==> flow/design.v <==
module alu_selector (clk, i_rst_n, data_i, choose_i, z_o_o);
    parameter XLEN = 4;
    parameter NIN = 32;
    input clk;
    input i_rst_n;
    input [NIN*XLEN-1:0] data_i;
    input [NIN-1:0] choose_i;
    output reg [XLEN-1:0] z_o_o;
    reg [NIN*XLEN-1:0] data_ff;
    reg [NIN-1:0] choose_ff;
    reg [XLEN-1:0] val;
    integer t;
    always @* begin
        val = 0;
        for (t = NIN-1; t >= 0; t = t - 1)
            if (choose_ff[t]) val = data_ff[t*XLEN +: XLEN];
    end
    always @(posedge clk or negedge i_rst_n) begin
        if (~i_rst_n) begin
            data_ff <= 0;
            choose_ff <= 0;
            z_o_o <= 0;
        end else begin
            data_ff <= data_i;
            choose_ff <= choose_i;
            z_o_o <= val;
        end
    end
endmodule
### Tool chain data of alu_selector

The steps from the RTL of alu_selector to its reports follow in flow order.
Line numbers count from 1 in the design file above.
Operators carry their Yosys type and port widths (W data, S select, Z words).
Cell names lack the library's common part.
A cell with -- has no value.

* top: alu_selector
* clock: clk
* standard-cell library: sky130hd
* timing corner: tt_025C_1v80

### Word level

Yosys after proc, flatten, opt, wreduce and memory -nomap, before mapping. Enables and synchronous resets that opt folds into registers are not counted as muxes. Memory bits, and registers merged into a memory's read port (data or address), are not among the register bits. Print and check cells are not counted. Equal cells are merged and count once.

* register bits: 164
* input bits: 162
* output and inout port bits: 4
* cells after elaboration: 35

* mux-type cells: 32

Operators by type and width (count)
* $mux W4: 32

### Depth

Yosys ltp: most cells in a row. Word level: on the elaborated netlist, between registers, memories and ports. Mapped: between sequential cells and ports; inverters and the memories' decode and read muxes count.

* depth in word-level cells: 32
* ABC_AREA: 0
* mapped depth: 6
* depth with buffers taken out: 5

### After synthesis

The flow's flattened synthesis, as Yosys stat reports it; memories are mapped. The netlist is that of the ABC_AREA named above (0 if unset); the other value can give another one.
The area totals of this step are shown rounded.

* cells in the netlist: 393
* mapped area: 5500 sq um
* sequential area: 4100 sq um
* mapped flip-flops: 164

Cell types
* dfrtp_1: count 164, area in all 4.1E+03 sq um
* nand2b_1: count 22, area in all 137.632 sq um
* nand2_1: count 25, area in all 93.84 sq um
* o21ai_0: count 18, area in all 90.086 sq um
* nor2b_1: count 14, area in all 87.584 sq um
* nor3b_1: count 10, area in all 75.072 sq um
* o22ai_1: count 12, area in all 75.072 sq um
* a22oi_1: count 9, area in all 67.565 sq um
* a21oi_1: count 12, area in all 60.058 sq um
* a221oi_1: count 6, area in all 52.55 sq um
* o211ai_1: count 6, area in all 45.043 sq um
* a31oi_1: count 6, area in all 37.536 sq um
* nand3b_1: count 5, area in all 37.536 sq um
* nor4_1: count 6, area in all 37.536 sq um
* o31ai_1: count 5, area in all 37.536 sq um
* o221ai_1: count 4, area in all 35.034 sq um
* o31a_1: count 4, area in all 35.034 sq um
* a211oi_1: count 4, area in all 30.029 sq um

Not listed: further types 23, cells in them 61.

### Path before layout

OpenSTA on the mapped netlist: ideal clock, no wires. The path of least setup slack (recovery checks aside). Input and output delay are each 20% of the period. Register names are those of the netlist, which keeps one name where synthesis merged equal registers.

* kind: register to register
* start point: register (no name shown)
* end point: register z_o_o[0]
* clock period: 1.91 ns
* arrival: 1.395 ns
* required time: 1.776 ns
* slack: 0.382 ns
* path delay: 1.529 ns
* stages: 6
* path buffers: 0
* synthesis period reached: 1.528 ns

"path delay" = arrival - input delay + setup time.
"stages" counts driving pins, that of a launching flip-flop among them; a cell with two outputs on the path counts twice.
"synthesis period reached" is the clock period less the worst setup slack; recovery checks do not enter. This is arithmetic on one report: input and output delays are still those of the set period (20% each).
The rows between start and end are the longest chain of elaborated cells between them; the timing report does not say that the signal goes this way. Where chains are equally long, one stands for them.
Each line given opens the expression or statement behind the cell; cells for indexed reads and writes are added by Yosys, which also makes memories of some case tables.

* cell sequence: dfrtp_1 -> or3b_2 -> a21oi_1 -> nor3_1 -> a22oi_1 -> o211ai_1
* length of the longest elaborated chain: 7
* elaborated cells on any way between the ends: 7
* RTL lines with such cells: 1

RTL lines, path after synthesis
* from (decl): RTL line 10
* from (assign): RTL line 21
* from (assign): RTL line 25
* $mux W4 (7 in a row): RTL line 16
* to (assign): RTL line 22 `z_o_o <= 0;`
* to (assign): RTL line 26 `z_o_o <= val;`
* to (decl): RTL line 8 `output reg [XLEN-1:0] z_o_o;`

### Timing after layout

Path of least setup slack in the final report of record 1 (OpenROAD, finished layout, wires in). Where an end is a register, its clock arrival counts in the times.

* kind: register to register
* start point: register (no name shown)
* end point: register z_o_o[2]
* clock period: 0.962 ns
* arrival: 2.11 ns
* required time: 1.32 ns
* slack: -0.79 ns
* stages: 6
* path buffers: 0

The rows between start and end are the longest chain of elaborated cells between them; the timing report does not say that the signal goes this way. Where chains are equally long, one stands for them.

* cell sequence: dfrtp_2 -> nand3b_1 -> a221o_1 -> a311o_1 -> a211oi_2 -> o41a_1
* length of the longest elaborated chain: 31
* elaborated cells on any way between the ends: 31
* RTL lines with such cells: 1

RTL lines, path after layout
* from (decl): RTL line 10
* from (assign): RTL line 21
* from (assign): RTL line 25
* $mux W4 (31 in a row): RTL line 16
* to (assign): RTL line 22 `z_o_o <= 0;`
* to (assign): RTL line 26 `z_o_o <= val;`
* to (decl): RTL line 8 `output reg [XLEN-1:0] z_o_o;`

==> results <==
alu_selector through Yosys and OpenROAD on sky130hd: 3 stored runs, unordered, with their settings and measured results. The constraints put input and output delay at 20% of the set period each and load the outputs with 0.01 pF.
By "reached clock period" is meant the clock period of the run minus its worst setup slack. This is arithmetic on one report: input and output delays are still those of the set period (20% each).
"worst setup path time" = time allowed to the worst setup path (clock period - input delay - output delay, where it has them) - its slack; a late launch clock adds to it, a late capture clock takes from it.
By "total power of the final layout" is meant OpenSTA's value without simulated activity: inputs other than the clock are taken to toggle once in ten clock periods, and the tool carries that through the logic.
Values from the reports are rounded here.

### Record 1

==> flow/run.sh <==
#!/bin/bash
# the make line also repeats the synthesis and layout settings of config.mk as NAME=value (left out here)
make -C /OpenROAD-flow-scripts/flow DESIGN_CONFIG=/design/flow/config.mk WORK_HOME=/design/flow/orfs CLKGATE_MAP_FILE= finish
==> flow/config.mk <==
export PLATFORM = sky130hd
export DESIGN_NAME = alu_selector
export DESIGN_NICKNAME = alu_selector
export VERILOG_FILES = /design/flow/design.v
export SDC_FILE = /design/flow/constraint.sdc
export NUM_CORES = 4
export LEC_CHECK = 0
export CAP_MARGIN = 20
export CORE_MARGIN = 2
export CORE_UTILIZATION = 26
export GPL_TIMING_DRIVEN = 1
export MAX_ROUTING_LAYER = met5
export MIN_ROUTING_LAYER = met1
export PLACE_DENSITY_LB_ADDON = 0.29
export SETUP_SLACK_MARGIN = 0.19
export SLEW_MARGIN = 20
export TNS_END_PERCENT = 80
==> flow/constraint.sdc <==
create_clock -name core_clock -period 0.962 [get_ports {clk}]
set_input_delay 0.1924 -clock core_clock [delete_from_list [all_inputs] [get_ports {clk}]]
set_output_delay 0.1924 -clock core_clock [all_outputs]
set_load 0.01 [all_outputs]

Results of record 1:
- Standard-cell area after layout: 8800 sq um
- Sum of negative setup slack: -3.5 ns
- Chip area in the Yosys report: 5500 sq um
- Reached clock period: 1.752 ns
- Worst setup path time: 1.75 ns
- Class of the worst setup path: register to register
- Utilization of the finished layout: 0.42
- Worst setup slack after layout: -0.79 ns
- Total power of the final layout: 16 mW
- Full die area: 22000 sq um

### Record 2

==> flow/run.sh <==
#!/bin/bash
# the make line also repeats the synthesis and layout settings of config.mk as NAME=value (left out here)
make -C /OpenROAD-flow-scripts/flow DESIGN_CONFIG=/design/flow/config.mk WORK_HOME=/design/flow/orfs CLKGATE_MAP_FILE= finish
==> flow/config.mk <==
export PLATFORM = sky130hd
export DESIGN_NAME = alu_selector
export DESIGN_NICKNAME = alu_selector
export VERILOG_FILES = /design/flow/design.v
export SDC_FILE = /design/flow/constraint.sdc
export NUM_CORES = 4
export LEC_CHECK = 0
export CAP_MARGIN = 20
export CORE_MARGIN = 2
export CORE_UTILIZATION = 40
export SLEW_MARGIN = 20
==> flow/constraint.sdc <==
create_clock -name core_clock -period 1.91 [get_ports {clk}]
set_input_delay 0.3820 -clock core_clock [delete_from_list [all_inputs] [get_ports {clk}]]
set_output_delay 0.3820 -clock core_clock [all_outputs]
set_load 0.01 [all_outputs]

Results of record 2:
- Standard-cell area after layout: 8000 sq um
- Sum of negative setup slack: 0.000 ns
- Chip area in the Yosys report: 5500 sq um
- Reached clock period: 1.809 ns
- Worst setup path time: 1.81 ns
- Class of the worst setup path: register to register
- Utilization of the finished layout: 0.6
- Worst setup slack after layout: 0.10 ns
- Total power of the final layout: 7.6 mW
- Full die area: 15000 sq um

### Record 3

==> flow/run.sh <==
#!/bin/bash
# the make line also repeats the synthesis and layout settings of config.mk as NAME=value (left out here)
make -C /OpenROAD-flow-scripts/flow DESIGN_CONFIG=/design/flow/config.mk WORK_HOME=/design/flow/orfs CLKGATE_MAP_FILE= finish
==> flow/config.mk <==
export PLATFORM = sky130hd
export DESIGN_NAME = alu_selector
export DESIGN_NICKNAME = alu_selector
export VERILOG_FILES = /design/flow/design.v
export SDC_FILE = /design/flow/constraint.sdc
export NUM_CORES = 4
export LEC_CHECK = 0
export CAP_MARGIN = 0
export CELL_PAD_IN_SITES_DETAIL_PLACEMENT = 0
export CORE_ASPECT_RATIO = 1.47
export CORE_MARGIN = 2
export CORE_UTILIZATION = 58
export PLACE_DENSITY_LB_ADDON = 0.28
export SETUP_SLACK_MARGIN = 0.24
export SLEW_MARGIN = 15
export TNS_END_PERCENT = 15
==> flow/constraint.sdc <==
create_clock -name core_clock -period 2.19 [get_ports {clk}]
set_input_delay 0.4380 -clock core_clock [delete_from_list [all_inputs] [get_ports {clk}]]
set_output_delay 0.4380 -clock core_clock [all_outputs]
set_load 0.01 [all_outputs]

Results of record 3:
- Standard-cell area after layout: 7900 sq um
- Sum of negative setup slack: 0.000 ns
- Chip area in the Yosys report: 5500 sq um
- Reached clock period: 1.872 ns
- Worst setup path time: 1.87 ns
- Class of the worst setup path: register to register
- Utilization of the finished layout: 0.85
- Worst setup slack after layout: 0.32 ns
- Total power of the final layout: 6.8 mW
- Full die area: 10000 sq um
